==> flow/design.v <==
module my_selector_p #(
    parameter int DW = 8,
    parameter int NIN = 12
) (
    input  logic CLK,
    input  logic [NIN*DW-1:0] val_i,
    input  logic [NIN-1:0] pick_i,
    output logic [DW-1:0] y_o
);
    logic [NIN*DW-1:0] val_ff;
    always_ff @(posedge CLK) begin
        val_ff <= val_i;
    end
    logic [NIN-1:0] pick_ff;
    always_ff @(posedge CLK) begin
        pick_ff <= pick_i;
    end
    logic [DW-1:0] tmp;
    always_comb begin
        tmp = '0;
        for (int k = 0; k < NIN; k++)
            tmp = tmp | (val_ff[k*DW +: DW] & {DW{pick_ff[k]}});
    end
    always_ff @(posedge CLK) begin
        y_o <= tmp;
    end
endmodule
Reports on my_selector_p --
What the tools print for my_selector_p, step after step. Line numbers count from 1 in the design file above. The mark - stands for no value.
Inputs: design top my_selector_p, clock port CLK, library sky130hd, timing corner tt_025C_1v80

Word-level counts --
Yosys after proc, flatten, opt, wreduce and memory -nomap, before mapping. Enables and synchronous resets that opt folds into registers are not counted as muxes. Memory bits, and registers merged into a memory's read port (data or address), are not among the register bits. Print and check cells are not counted. Equal cells are merged and count once.
Bit counts: register bits 116, bits in latches 0, bits in writable memories 0, ROM bits 0, word width x clocked read ports 0, memories kept 0, input bits 109, output and inout bits 8, elaborated cells 26
Operators by class: $add $sub $neg 0, multipliers 0, divide/modulo/power cells 0, $lt $le $gt $ge 0, equality and inequality tests 0, shift-type cells 0, multiplexer cells 0, bitwise gates (word level) 23, reduce/logical cells 0
Operators with widths (count):
- AND 8 bit | 12
- OR 8 bit | 11

Logic depth --
Longest topological path by Yosys (ltp), each cell counted once; first at word level (registers and memories cut), then after technology mapping (sequential cells cut; the memories' decode and read muxes count).
Logic depth: word-level depth 12, ABC_AREA 0, mapped depth 4, depth with buffers taken out 3

Synthesis result --
The flow's flattened synthesis, as Yosys stat reports it; memories are mapped. The netlist is that of the ABC_AREA named above (0 if unset); the other value can give another one. The area totals of this step are shown rounded.
Cell types:
- sky130_fd_sc_hd__dfxtp_1 | count 116, total area 2.32E+03 µm²
- sky130_fd_sc_hd__a22o_1 | count 24, total area 210.202 µm²
- sky130_fd_sc_hd__a221oi_1 | count 21, total area 183.926 µm²
- sky130_fd_sc_hd__buf_6 | count 9, total area 101.347 µm²
- sky130_fd_sc_hd__a221oi_2 | count 3, total area 45.043 µm²
- sky130_fd_sc_hd__nand3_1 | count 8, total area 40.038 µm²
- sky130_fd_sc_hd__buf_2 | count 2, total area 10.01 µm²
- sky130_fd_sc_hd__clkbuf_1 | count 1, total area 3.754 µm²
Synthesis totals: standard cells after synthesis 184, chip area (Yosys) 0.00292 mm², sequential area 0.00232 mm², flip-flops 116, buffers 12

Timing after synthesis --
OpenSTA on the mapped netlist: ideal clock, no wires. The path of least setup slack (recovery checks aside). Input and output delay are each 20% of the period. Register names are those of the netlist, which keeps one name where synthesis merged equal registers.
Timing path after synthesis: path kind register to register, start reg pick_ff[2], end reg y_o[5], period 1.27 ns, setup time 0.132 ns, time at the first pin 0.000 ns, data arrival time 0.881 ns, required time 1.138 ns, path slack 0.257 ns, path delay 1.013 ns, stages 5, buffers on the path 1, period reached after synthesis 1.013 ns
"path delay" is the arrival time less input delay plus setup time. "stages" counts driving pins, that of a launching flip-flop among them; a cell with two outputs on the path counts twice. "period reached after synthesis" is the clock period less the worst setup slack; recovery checks do not enter. This is arithmetic on one report: input and output delays are still those of the set period (20% each). Between the ends stands the longest chain of elaborated cells between them, by number of cells; it is not shown to be the way that was timed. Of several equally long chains one is given. Each line given opens the expression or statement behind the cell; cells for indexed reads and writes are added by Yosys, which also makes memories of some case tables.
On the way, after synthesis: cell sequence sky130_fd_sc_hd__dfxtp_1 -> sky130_fd_sc_hd__buf_6 -> sky130_fd_sc_hd__a22o_1 -> sky130_fd_sc_hd__a221oi_1 -> sky130_fd_sc_hd__nand3_1, length of the longest elaborated chain 11, elaborated cells between the ends (all ways) 11, RTL lines with such cells 1, those cells by class logic: 11
RTL lines, path after synthesis:
- start: declaration | line 14 | logic [NIN-1:0] pick_ff;
- start: assignment | line 16 | pick_ff <= pick_i;
- AND 8 bit | line 22 | tmp = tmp | (val_ff[k*DW +: DW] & {DW{pick_ff[k]}});
- OR 8 bit (10 in a row) | line 22
- end: assignment | line 25 | y_o <= tmp;
- end: declaration | line 8 | output logic [DW-1:0] y_o

Timing after layout --
Path of least setup slack in the final report of entry C (OpenROAD, finished layout, wires in). Where an end is a register, its clock arrival counts in the times.
Timing path after layout: path kind register to output, start reg y_o[7], end out y_o[7], period 1.27 ns, external output delay 0.25 ns, time at the first pin 0.49 ns, data arrival time 0.99 ns, required time 1.02 ns, path slack 0.03 ns, stages 2, buffers on the path 1
On the way, after layout: cell sequence sky130_fd_sc_hd__dfxtp_1 -> sky130_fd_sc_hd__buf_2, length of the longest elaborated chain 0, elaborated cells between the ends (all ways) 0, RTL lines with such cells 0
RTL lines, path after layout:
- start: declaration | line 8 | output logic [DW-1:0] y_o
- start: assignment | line 25 | y_o <= tmp;
- end: declaration | line 8

--- measured runs ---
Flow measurements of my_selector_p on sky130hd: 3 stored runs with different settings, listed in no order. Input and output delays are each 20% of the period that was set; the output load is 0.01 pF.
"clock period achieved" is the run's clock period less its worst setup slack. It is reckoned from that one timing run; input and output delays stay at 20% of the period that was set.
By "time used up by the worst setup path" is meant the share of the clock period that the worst setup path is allowed (20% is reserved at inputs, 20% at outputs), minus its slack. Clock arrival times at its registers enter into it.
"total power after layout" is the tool's figure for a default switching activity; nothing was simulated.
The measured numbers are rounded.

* Entry A | settings: period_ns 1.9; CORE_UTILIZATION 70; SETUP_SLACK_MARGIN 0.05; PLACE_DENSITY_LB_ADDON 0.21; CELL_PAD_IN_SITES_DETAIL_PLACEMENT 0; ABC_AREA 1; GPL_TIMING_DRIVEN 1; CAP_MARGIN 35; MIN_ROUTING_LAYER met1; CORE_MARGIN 2; SLEW_MARGIN 20 | unfinished; error FLW-0024 in placement
* Entry B | settings: period_ns 0.804; CORE_UTILIZATION 60; SETUP_SLACK_MARGIN 0.05; PLACE_DENSITY_LB_ADDON 0.24; CORE_MARGIN 7; CELL_PAD_IN_SITES_GLOBAL_PLACEMENT 1; ABC_AREA 1; MIN_ROUTING_LAYER met2; MAX_ROUTING_LAYER met5; CAP_MARGIN 20; SLEW_MARGIN 20 | unfinished; error FLW-0024 in placement
* Entry C | settings: period_ns 1.27; CAP_MARGIN 20; CORE_MARGIN 2; CORE_UTILIZATION 40; SLEW_MARGIN 20 | results: mapped cell area after synthesis 0.00292 mm²; overall die area 0.00799 mm²; area of the standard cells in the finished layout 0.00466 mm²; post-layout utilization 65.3 %; smallest setup slack 0.030 ns; total negative setup slack 0.000 ns; post-route worst hold slack 0.196 ns; total power after layout 0.00868 W; clock period achieved 1.240 ns; time used up by the worst setup path 0.99 ns; worst setup path type register to output
--- end ---
